==> flow/design.v <==
module cpu_cmp #(
    parameter integer WIDTH = 10
) (
    input wire sys_clk,
    input wire i_rst,
    input wire [WIDTH-1:0] first,
    input wire [WIDTH-1:0] second,
    output reg less,
    output reg is_eq,
    output reg gt
);
    reg [WIDTH-1:0] first_q;
    always @(posedge sys_clk) begin
        if (i_rst) begin
            first_q <= 0;
        end else begin
            first_q <= first;
        end
    end
    reg [WIDTH-1:0] second_q;
    always @(posedge sys_clk) begin
        if (i_rst) begin
            second_q <= 0;
        end else begin
            second_q <= second;
        end
    end
    always @(posedge sys_clk) begin
        if (i_rst) begin
            less <= 1'b0;
        end else begin
            less <= (first_q < second_q);
        end
    end
    always @(posedge sys_clk) begin
        if (i_rst) begin
            is_eq <= 1'b0;
        end else begin
            is_eq <= (first_q == second_q);
        end
    end
    always @(posedge sys_clk) begin
        if (i_rst) begin
            gt <= 1'b0;
        end else begin
            gt <= (first_q > second_q);
        end
    end
endmodule
Memo
Re: synthesis data of cpu_cmp

* Tool chain data of cpu_cmp
A sweep over "WIDTH": the same steps for each member of the family. The RTL above is that of WIDTH = 10; lines are counted from 1 in the file of the member named. Operators: Yosys type, input widths -> output width; for muxes data width and select width s. A cell with - has no value.
Design: top cpu_cmp, clock sys_clk, cell library sky130hd, library corner tt_025C_1v80

* Source of the members
Lines of each other member's file that are new or changed against the file above; lines that a member lacks are not shown.
Lines new or changed:
- WIDTH 16 | RTL line 2 | parameter integer WIDTH = 16
- WIDTH 96 | RTL line 2 | parameter integer WIDTH = 96

* After elaboration
Source: Yosys, flattened and elaborated, memories not mapped. Widths are those after wreduce; folded enables and synchronous resets count as part of the registers. Registers that Yosys merges into a memory's read port (data or address) are not register bits. Print and check cells do not count. Equal cells are merged and count once.
Cells by class:
- WIDTH 10 | $lt $le $gt $ge 2, eq/ne operators 1
- WIDTH 16 | $lt $le $gt $ge 2, eq/ne operators 1
- WIDTH 96 | $lt $le $gt $ge 2, eq/ne operators 1
Operator list (kinds with counts):
- WIDTH 10 | $gt 10x10->1 (1); $lt 10x10->1 (1); $eq 10x10->1 (1)
- WIDTH 16 | $gt 16x16->1 (1); $lt 16x16->1 (1); $eq 16x16->1 (1)
- WIDTH 96 | $gt 96x96->1 (1); $lt 96x96->1 (1); $eq 96x96->1 (1)
Bit counts:
- WIDTH 10 | bits in registers 23, cells after elaboration 8, output and inout port bits 3
- WIDTH 16 | bits in registers 35, cells after elaboration 8, output and inout port bits 3
- WIDTH 96 | bits in registers 195, cells after elaboration 8, output and inout port bits 3

* Longest topological paths
Longest topological path by Yosys (ltp), each cell counted once; first at word level (registers and memories cut), then after technology mapping (sequential cells cut; the memories' decode and read muxes count).
Logic depth:
- WIDTH 10 | depth after elaboration 1, ABC_AREA 0, gate-level depth with buffers 6, gate-level depth less buffers 6
- WIDTH 16 | depth after elaboration 1, ABC_AREA 0, gate-level depth with buffers 6, gate-level depth less buffers 6
- WIDTH 96 | depth after elaboration 1, ABC_AREA 0, gate-level depth with buffers 9, gate-level depth less buffers 9

* Netlist
Yosys stat after the flow's synthesis: flattened, memories mapped to cells. It holds for the ABC_AREA given above (unset counts as 0); a run with the other value may have another netlist.
Mapped netlist:
- WIDTH 10 | sequential part of the area 460.4 um^2, flip-flops 23, mapped cells 84, chip area (Yosys) 878.3 um^2
- WIDTH 16 | sequential part of the area 700.7 um^2, flip-flops 35, mapped cells 130, chip area (Yosys) 1337.5 um^2
- WIDTH 96 | sequential part of the area 3903.7 um^2, flip-flops 195, mapped cells 764, chip area (Yosys) 7708.6 um^2
Cell types (types with counts):
- WIDTH 10 | sky130_fd_sc_hd__dfxtp_1 (23); sky130_fd_sc_hd__nor2b_1 (21); sky130_fd_sc_hd__ha_1 (10); sky130_fd_sc_hd__inv_1 (12); sky130_fd_sc_hd__a21oi_2 (2); sky130_fd_sc_hd__a2111oi_2 (1); sky130_fd_sc_hd__a211oi_2 (1); sky130_fd_sc_hd__nand4_1 (2); sky130_fd_sc_hd__nor2_1 (3); sky130_fd_sc_hd__a211oi_1 (1); sky130_fd_sc_hd__clkbuf_1 (2); sky130_fd_sc_hd__nor3b_1 (1); sky130_fd_sc_hd__nand2b_1 (1); sky130_fd_sc_hd__nand3_1 (1); sky130_fd_sc_hd__o21ai_0 (1); sky130_fd_sc_hd__o21ai_1 (1); sky130_fd_sc_hd__nand2_1 (1)
- WIDTH 16 | sky130_fd_sc_hd__dfxtp_1 (35); sky130_fd_sc_hd__nor2b_1 (33); sky130_fd_sc_hd__ha_1 (16); sky130_fd_sc_hd__inv_1 (17); sky130_fd_sc_hd__a21oi_1 (7); sky130_fd_sc_hd__nand4_1 (3); sky130_fd_sc_hd__nand2_1 (4); sky130_fd_sc_hd__nor4_2 (1); sky130_fd_sc_hd__a21boi_2 (1); sky130_fd_sc_hd__clkbuf_1 (3); sky130_fd_sc_hd__a221o_1 (1); sky130_fd_sc_hd__nand3_1 (2); sky130_fd_sc_hd__o31a_1 (1); sky130_fd_sc_hd__a21o_1 (1); sky130_fd_sc_hd__nor2_1 (2); sky130_fd_sc_hd__o211ai_1 (1); sky130_fd_sc_hd__nor4_1 (1); sky130_fd_sc_hd__o21ai_0 (1)
- WIDTH 96 | sky130_fd_sc_hd__dfxtp_1 (195); sky130_fd_sc_hd__ha_1 (96); sky130_fd_sc_hd__nor2b_1 (192); sky130_fd_sc_hd__inv_1 (99); sky130_fd_sc_hd__a21oi_1 (37); sky130_fd_sc_hd__nand4_1 (19); sky130_fd_sc_hd__a21o_1 (14); sky130_fd_sc_hd__nand2_1 (24); sky130_fd_sc_hd__clkbuf_1 (21); sky130_fd_sc_hd__o21ai_0 (9); sky130_fd_sc_hd__a221oi_1 (5); sky130_fd_sc_hd__nor2_1 (9); sky130_fd_sc_hd__nand3_1 (6); sky130_fd_sc_hd__o21a_1 (4); sky130_fd_sc_hd__nor3_1 (5); sky130_fd_sc_hd__nor4_4 (1); sky130_fd_sc_hd__nor3_2 (2); sky130_fd_sc_hd__nor4_1 (3); [+23]
The mark [+n] counts cells that are not listed.

* Path before layout
OpenSTA on the mapped netlist: ideal clock, no wires. The path of least setup slack (recovery checks aside). Input and output delay are each 20% of the period. Register names are those of the netlist, which keeps one name where synthesis merged equal registers.
Path post-synthesis:
- WIDTH 10 | kind register to register, start point reg second_q[3], end point reg less, path delay 1.394 ns, stages 7, clock period 1.74 ns, slack 0.346 ns, synthesis period reached 1.394 ns
- WIDTH 16 | kind register to register, start point reg second_q[14], end point reg gt, path delay 1.545 ns, stages 7, clock period 1.93 ns, slack 0.386 ns, synthesis period reached 1.544 ns
- WIDTH 96 | kind register to register, start point reg second_q[14], end point reg gt, path delay 1.839 ns, stages 8, clock period 2.3 ns, slack 0.461 ns, synthesis period reached 1.839 ns
"path delay" is the arrival time less input delay plus setup time. "stages" counts driving pins, that of a launching flip-flop among them; a cell with two outputs on the path counts twice. "synthesis period reached" = period - worst setup slack (recovery checks aside). The figure is calculated, with input and output delays left at 20% of the set period. Between the ends stands the longest chain of elaborated cells between them, by number of cells; it is not shown to be the way that was timed. Of several equally long chains one is given. A line is the first line of the expression or statement that the cell stems from. Yosys adds cells for indexed reads and writes and turns some case tables into memories.
On the way, post-synthesis, WIDTH = 10: length of the longest elaborated chain 1
RTL lines, path post-synthesis, WIDTH = 10:
- start, declared | RTL line 20 | reg [WIDTH-1:0] second_q;
- start, assigned | RTL line 23 | second_q <= 0;
- start, assigned | RTL line 25 | second_q <= second;
- $lt 10x10->1 | RTL line 32 | less <= (first_q < second_q);
- end, assigned | RTL line 30 | less <= 1'b0;
- end, assigned | RTL line 32
- end, declared | RTL line 8 | output reg less,
On the way, post-synthesis, WIDTH = 96: length of the longest elaborated chain 1
RTL lines, path post-synthesis, WIDTH = 96:
- start, declared | RTL line 20 | reg [WIDTH-1:0] second_q;
- start, assigned | RTL line 23 | second_q <= 0;
- start, assigned | RTL line 25 | second_q <= second;
- $gt 96x96->1 | RTL line 46 | gt <= (first_q > second_q);
- end, assigned | RTL line 44 | gt <= 1'b0;
- end, assigned | RTL line 46
- end, declared | RTL line 10 | output reg gt

* Path in the finished layout
From the final timing report of each member's run: the path of least setup slack in the routed layout; clock arrival at registers is part of the times.
Path post-layout:
- WIDTH 10 | kind register to output, start point reg less, end point out less, arrival 1.15 ns, stages 2, clock period 1.74 ns, slack 0.24 ns
- WIDTH 16 | kind register to register, start point reg second_q[5], end point reg gt, arrival 1.89 ns, stages 7, clock period 1.93 ns, slack 0.27 ns
- WIDTH 96 | kind register to register, start point reg second_q[49], end point reg gt, arrival 2.40 ns, stages 10, clock period 2.3 ns, slack 0.22 ns

* Measured runs
One run of the flow (Yosys, OpenROAD) for each member, with settings and measured results. Input and output delays are each 20% of the period that was set; the output load is 0.01 pF.
Flow settings: CAP_MARGIN 20, CORE_MARGIN 2, CORE_UTILIZATION 40, SLEW_MARGIN 20
Settings by member (period_ns):
- WIDTH 10 | 1.74
- WIDTH 16 | 1.93
- WIDTH 96 | 2.3
Measured results:
- WIDTH 10 | setup slack of the worst path 0.240 ns, clock period achieved 1.500 ns, standard-cell area after layout 1178.6 um^2, utilization after layout 58.3%, power 942.5 uW, worst hold slack in the final report 0.587 ns, Yosys chip area after synthesis 878.3 um^2, area inside the die boundary 2586.7 um^2, total negative slack 0.000 ns
- WIDTH 16 | setup slack of the worst path 0.271 ns, clock period achieved 1.659 ns, standard-cell area after layout 1825.5 um^2, utilization after layout 58.4%, power 1408 uW, worst hold slack in the final report 0.592 ns, Yosys chip area after synthesis 1337.5 um^2, area inside the die boundary 3822.3 um^2, total negative slack 0.000 ns
- WIDTH 96 | setup slack of the worst path 0.220 ns, clock period achieved 2.080 ns, standard-cell area after layout 10601.4 um^2, utilization after layout 56.3%, power 7540 uW, worst hold slack in the final report 0.442 ns, Yosys chip area after synthesis 7708.6 um^2, area inside the die boundary 20397.6 um^2, total negative slack 0.000 ns
"clock period achieved" = clock period - worst setup slack. The figure is calculated, with input and output delays left at 20% of the set period. By "power" is meant OpenSTA's value without simulated activity: inputs other than the clock are taken to toggle once in ten clock periods, and the tool carries that through the logic.
